==> flow/design.v <==
module mplex #(
    parameter int DW = 10
) (
    input  logic sys_clk,
    input  logic aresetn,
    input  logic [DW-1:0] in_d_0,
    input  logic [DW-1:0] in_d_1,
    input  logic [DW-1:0] in_d_2,
    input  logic [DW-1:0] in_d_3,
    input  logic [DW-1:0] in_d_4,
    input  logic [DW-1:0] in_d_5,
    input  logic [DW-1:0] in_d_6,
    input  logic [DW-1:0] in_d_7,
    input  logic [DW-1:0] in_d_8,
    input  logic [DW-1:0] in_d_9,
    input  logic [DW-1:0] in_d_10,
    input  logic [DW-1:0] in_d_11,
    input  logic [3:0] in_select,
    output logic [DW-1:0] out_result
);
    logic [DW-1:0] d_0_ff;
    logic [DW-1:0] d_1_ff;
    logic [DW-1:0] d_2_ff;
    logic [DW-1:0] d_3_ff;
    logic [DW-1:0] d_4_ff;
    logic [DW-1:0] d_5_ff;
    logic [DW-1:0] d_6_ff;
    logic [DW-1:0] d_7_ff;
    logic [DW-1:0] d_8_ff;
    logic [DW-1:0] d_9_ff;
    logic [DW-1:0] d_10_ff;
    logic [DW-1:0] d_11_ff;
    logic [3:0] select_ff;
    always_ff @(posedge sys_clk or negedge aresetn) begin
        if (!aresetn) begin
            d_0_ff <= 0;
            d_1_ff <= 0;
            d_2_ff <= 0;
            d_3_ff <= 0;
            d_4_ff <= 0;
            d_5_ff <= 0;
            d_6_ff <= 0;
            d_7_ff <= 0;
            d_8_ff <= 0;
            d_9_ff <= 0;
            d_10_ff <= 0;
            d_11_ff <= 0;
            select_ff <= 0;
        end else begin
            d_0_ff <= in_d_0;
            d_1_ff <= in_d_1;
            d_2_ff <= in_d_2;
            d_3_ff <= in_d_3;
            d_4_ff <= in_d_4;
            d_5_ff <= in_d_5;
            d_6_ff <= in_d_6;
            d_7_ff <= in_d_7;
            d_8_ff <= in_d_8;
            d_9_ff <= in_d_9;
            d_10_ff <= in_d_10;
            d_11_ff <= in_d_11;
            select_ff <= in_select;
        end
    end
    logic [DW-1:0] work;
    always_comb begin
        case (select_ff)
            0: work = d_0_ff;
            1: work = d_1_ff;
            2: work = d_2_ff;
            3: work = d_3_ff;
            4: work = d_4_ff;
            5: work = d_5_ff;
            6: work = d_6_ff;
            7: work = d_7_ff;
            8: work = d_8_ff;
            9: work = d_9_ff;
            10: work = d_10_ff;
            default: work = d_11_ff;
        endcase
    end
    assign out_result = work;
endmodule
### Tool chain data of mplex

Tool output for the design above, in the order of the flow.
Lines are those of the file above, counted from 1.
Operators carry their Yosys type and port widths (W data, S select, Z words).
Library cell names are shortened.
The mark n/a stands for no value.

| design | value |
|---|---|
| top module | mplex |
| clock input | sys_clk |
| standard-cell library | sky130hd |
| timing corner | tt_025C_1v80 |

### Elaborated design

Counts by Yosys on the flattened word-level netlist (proc, flatten, opt, wreduce; memories kept). Register bits leave out memories and registers merged into their read ports (data or address); mux counts leave out enables and synchronous resets folded into registers. Print and check cells are left out. Cells with the same type and inputs are merged into one.

| storage and ports | value |
|---|---|
| register bits | 124 |
| cells after elaboration | 25 |
| output and inout bits | 10 |

| cells by class | value |
|---|---|
| reductions and logical operators | 1 |
| multiplexer cells | 1 |
| equal/unequal tests | 10 |

Operators with widths:

| operator | count |
|---|---|
| $pmux W10 S11 | 1 |
| $eq A4 B3 Y1 const B | 4 |
| $eq A4 B4 Y1 const B | 3 |
| $eq A4 B2 Y1 const B | 2 |
| $eq A4 B1 Y1 const B | 1 |
| $logic_not A4 Y1 | 1 |

### Longest topological paths

Yosys ltp: most cells in a row. Word level: on the elaborated netlist, between registers, memories and ports. Mapped: between sequential cells and ports; inverters and the memories' decode and read muxes count.

| depth | value |
|---|---|
| depth in word-level cells | 2 |
| ABC_AREA | 0 |
| depth in mapped cells | 7 |
| depth with buffers taken out | 4 |

### Netlist

The flow's flattened synthesis, as Yosys stat reports it; memories are mapped. The netlist is that of the ABC_AREA named above (0 if unset); the other value can give another one.

Cell types:

| cell | count |
|---|---|
| dfrtp_1 | 124 |
| mux2i_1 | 18 |
| mux4_2 | 3 |
| a22oi_1 | 8 |
| a21oi_1 | 10 |
| buf_2 | 10 |
| o21ai_0 | 10 |
| o21ai_1 | 10 |
| nand2_1 | 13 |
| nor2_1 | 12 |
| o22ai_1 | 7 |
| a31oi_1 | 6 |
| buf_4 | 5 |
| a2bb2oi_1 | 3 |
| a32oi_1 | 3 |
| or3b_1 | 3 |
| nor2b_1 | 4 |
| a21o_1 | 3 |

Not listed: further types 34, cells in them 50.

| mapped netlist | value |
|---|---|
| cell area after synthesis | 4317.9 sq um |
| mapped cells | 302 |
| mapped flip-flops | 124 |

### Worst setup path after synthesis

Source: OpenSTA report_checks on the synthesized netlist (no wires, ideal clock, input and output delay 20% of the period each), path of least setup slack; recovery checks are left aside. Register names are those of the netlist, which keeps one name where synthesis merged equal registers.

| timing path post-synthesis | value |
|---|---|
| path kind | reg-to-output |
| start | reg select_ff[3] |
| end | out out_result[8] |
| period | 2260 ps |
| arrival | 1447 ps |
| setup slack | 361 ps |
| required time | 1808 ps |
| path delay | 1447 ps |
| stages on the path | 7 |
| period reached after synthesis | 1899 ps |

"path delay" = arrival - input delay + setup time.
At an output port there is no setup time.
"stages on the path" counts driving pins, that of a launching flip-flop among them; a cell with two outputs on the path counts twice.
"period reached after synthesis" is the clock period less the worst setup slack; recovery checks do not enter. This is arithmetic on one report: input and output delays are still those of the set period (20% each).
Between the ends stands the longest chain of elaborated cells between them, by number of cells; it is not shown to be the way that was timed. Of several equally long chains one is given.
A line is the first line of the expression or statement that the cell stems from. Yosys adds cells for indexed reads and writes and turns some case tables into memories.

| between the ends, post-synthesis | value |
|---|---|
| path through | dfrtp_1 buf_4 buf_2 buf_2 o32ai_1 a21oi_1 a31oi_1 |
| length of the longest elaborated chain | 2 |

RTL lines, path post-synthesis:

| item | line | text |
|---|---|---|
| start: declaration | 33 | `logic [3:0] select_ff;` |
| start: assignment | 48 | `select_ff <= 0;` |
| start: assignment | 62 | `select_ff <= in_select;` |
| $eq A4 B4 Y1 | 67 | `case (select_ff)` |
| $pmux W10 S11 | 67 |  |
| end: declaration | 19 | `output logic [DW-1:0] out_result` |

### Worst path after layout

From the final timing report of run 1: the path of least setup slack in the routed layout; clock arrival at registers is part of the times.
The path's times are printed in steps of 10 ps; the period is the one set.

| timing path after layout | value |
|---|---|
| path kind | reg-to-output |
| start | reg select_ff[2] |
| end | out out_result[2] |
| arrival | 2130 ps |
| stages on the path | 7 |
| period | 2260 ps |
| setup slack | -320 ps |
| required time | 1810 ps |

Between the ends stands the longest chain of elaborated cells between them, by number of cells; it is not shown to be the way that was timed. Of several equally long chains one is given.

| between the ends, after layout | value |
|---|---|
| path through | dfrtp_2 buf_6 or3b_4 a21oi_2 a2bb2oi_2 o32a_1 buf_2 |
| length of the longest elaborated chain | 2 |

RTL lines, path after layout:

| item | line | text |
|---|---|---|
| start: declaration | 33 | `logic [3:0] select_ff;` |
| start: assignment | 48 | `select_ff <= 0;` |
| start: assignment | 62 | `select_ff <= in_select;` |
| $eq A4 B4 Y1 | 67 | `case (select_ff)` |
| $pmux W10 S11 | 67 |  |
| end: declaration | 19 | `output logic [DW-1:0] out_result` |

Hand-over note for mplex

Flow measurements of mplex on sky130hd: 3 stored runs with different settings, listed in no order. Input and output delays are each 20% of the period that was set; the output load is 0.01 pF.
"reached clock period" = clock period - worst setup slack. The figure is calculated, with input and output delays left at 20% of the set period.
"worst setup path time": the worst setup path's part of the clock period (all of it between registers, 20% less for each end at a port) less its slack. A launch clock that arrives late makes it longer, a capture clock that arrives late makes it shorter.
"total design power" rests on the timing tool's default activity at the inputs, not on a simulated workload.
"worst setup path time" is known to 10 ps.

#### Run 1

| setting | value |
|---|---|
| period_ns | `2.26` |
| CAP_MARGIN | `20` |
| CORE_MARGIN | `2` |
| CORE_UTILIZATION | `40` |
| SLEW_MARGIN | `20` |

| result | value |
|---|---|
| chip area after synthesis (Yosys) | 4317.9 sq um |
| overall die area | 11641.3 sq um |
| standard-cell area after layout | 6959.2 sq um |
| utilization of the finished layout | 66.8 % |
| worst setup slack after layout | -322 ps |
| post-route setup TNS | -2874 ps |
| total design power | 5683 uW |
| reached clock period | 2582 ps |
| worst setup path time | 2130 ps |
| worst setup path kind | reg-to-output |

#### Run 2

| setting | value |
|---|---|
| period_ns | `2.12` |
| CORE_UTILIZATION | `66` |
| SETUP_SLACK_MARGIN | `0.03` |
| PLACE_DENSITY_LB_ADDON | `0.05` |
| HOLD_SLACK_MARGIN | `-0.06` |
| CORE_MARGIN | `3` |
| CELL_PAD_IN_SITES_GLOBAL_PLACEMENT | `2` |
| CELL_PAD_IN_SITES_DETAIL_PLACEMENT | `0` |
| GPL_ROUTABILITY_DRIVEN | `0` |
| CTS_CLUSTER_DIAMETER | `262` |
| CAP_MARGIN | `35` |
| MIN_ROUTING_LAYER | `met1` |
| SLEW_MARGIN | `20` |

Not finished: placement ended with error FLW-0024.

#### Run 3

| setting | value |
|---|---|
| period_ns | `2.21` |
| CORE_UTILIZATION | `35` |
| PLACE_DENSITY_LB_ADDON | `0.1` |
| HOLD_SLACK_MARGIN | `0.2` |
| CORE_ASPECT_RATIO | `0.81` |
| CORE_MARGIN | `2` |
| CELL_PAD_IN_SITES_GLOBAL_PLACEMENT | `3` |
| CELL_PAD_IN_SITES_DETAIL_PLACEMENT | `0` |
| TNS_END_PERCENT | `70` |
| GPL_ROUTABILITY_DRIVEN | `0` |
| MAX_ROUTING_LAYER | `met4` |
| CAP_MARGIN | `20` |
| SLEW_MARGIN | `20` |

| result | value |
|---|---|
| chip area after synthesis (Yosys) | 4317.9 sq um |
| overall die area | 13246.2 sq um |
| standard-cell area after layout | 7186.9 sq um |
| utilization of the finished layout | 59.8 % |
| worst setup slack after layout | -282 ps |
| post-route setup TNS | -2160 ps |
| total design power | 6400 uW |
| reached clock period | 2492 ps |
| worst setup path time | 2050 ps |
| worst setup path kind | reg-to-output |

End of note.
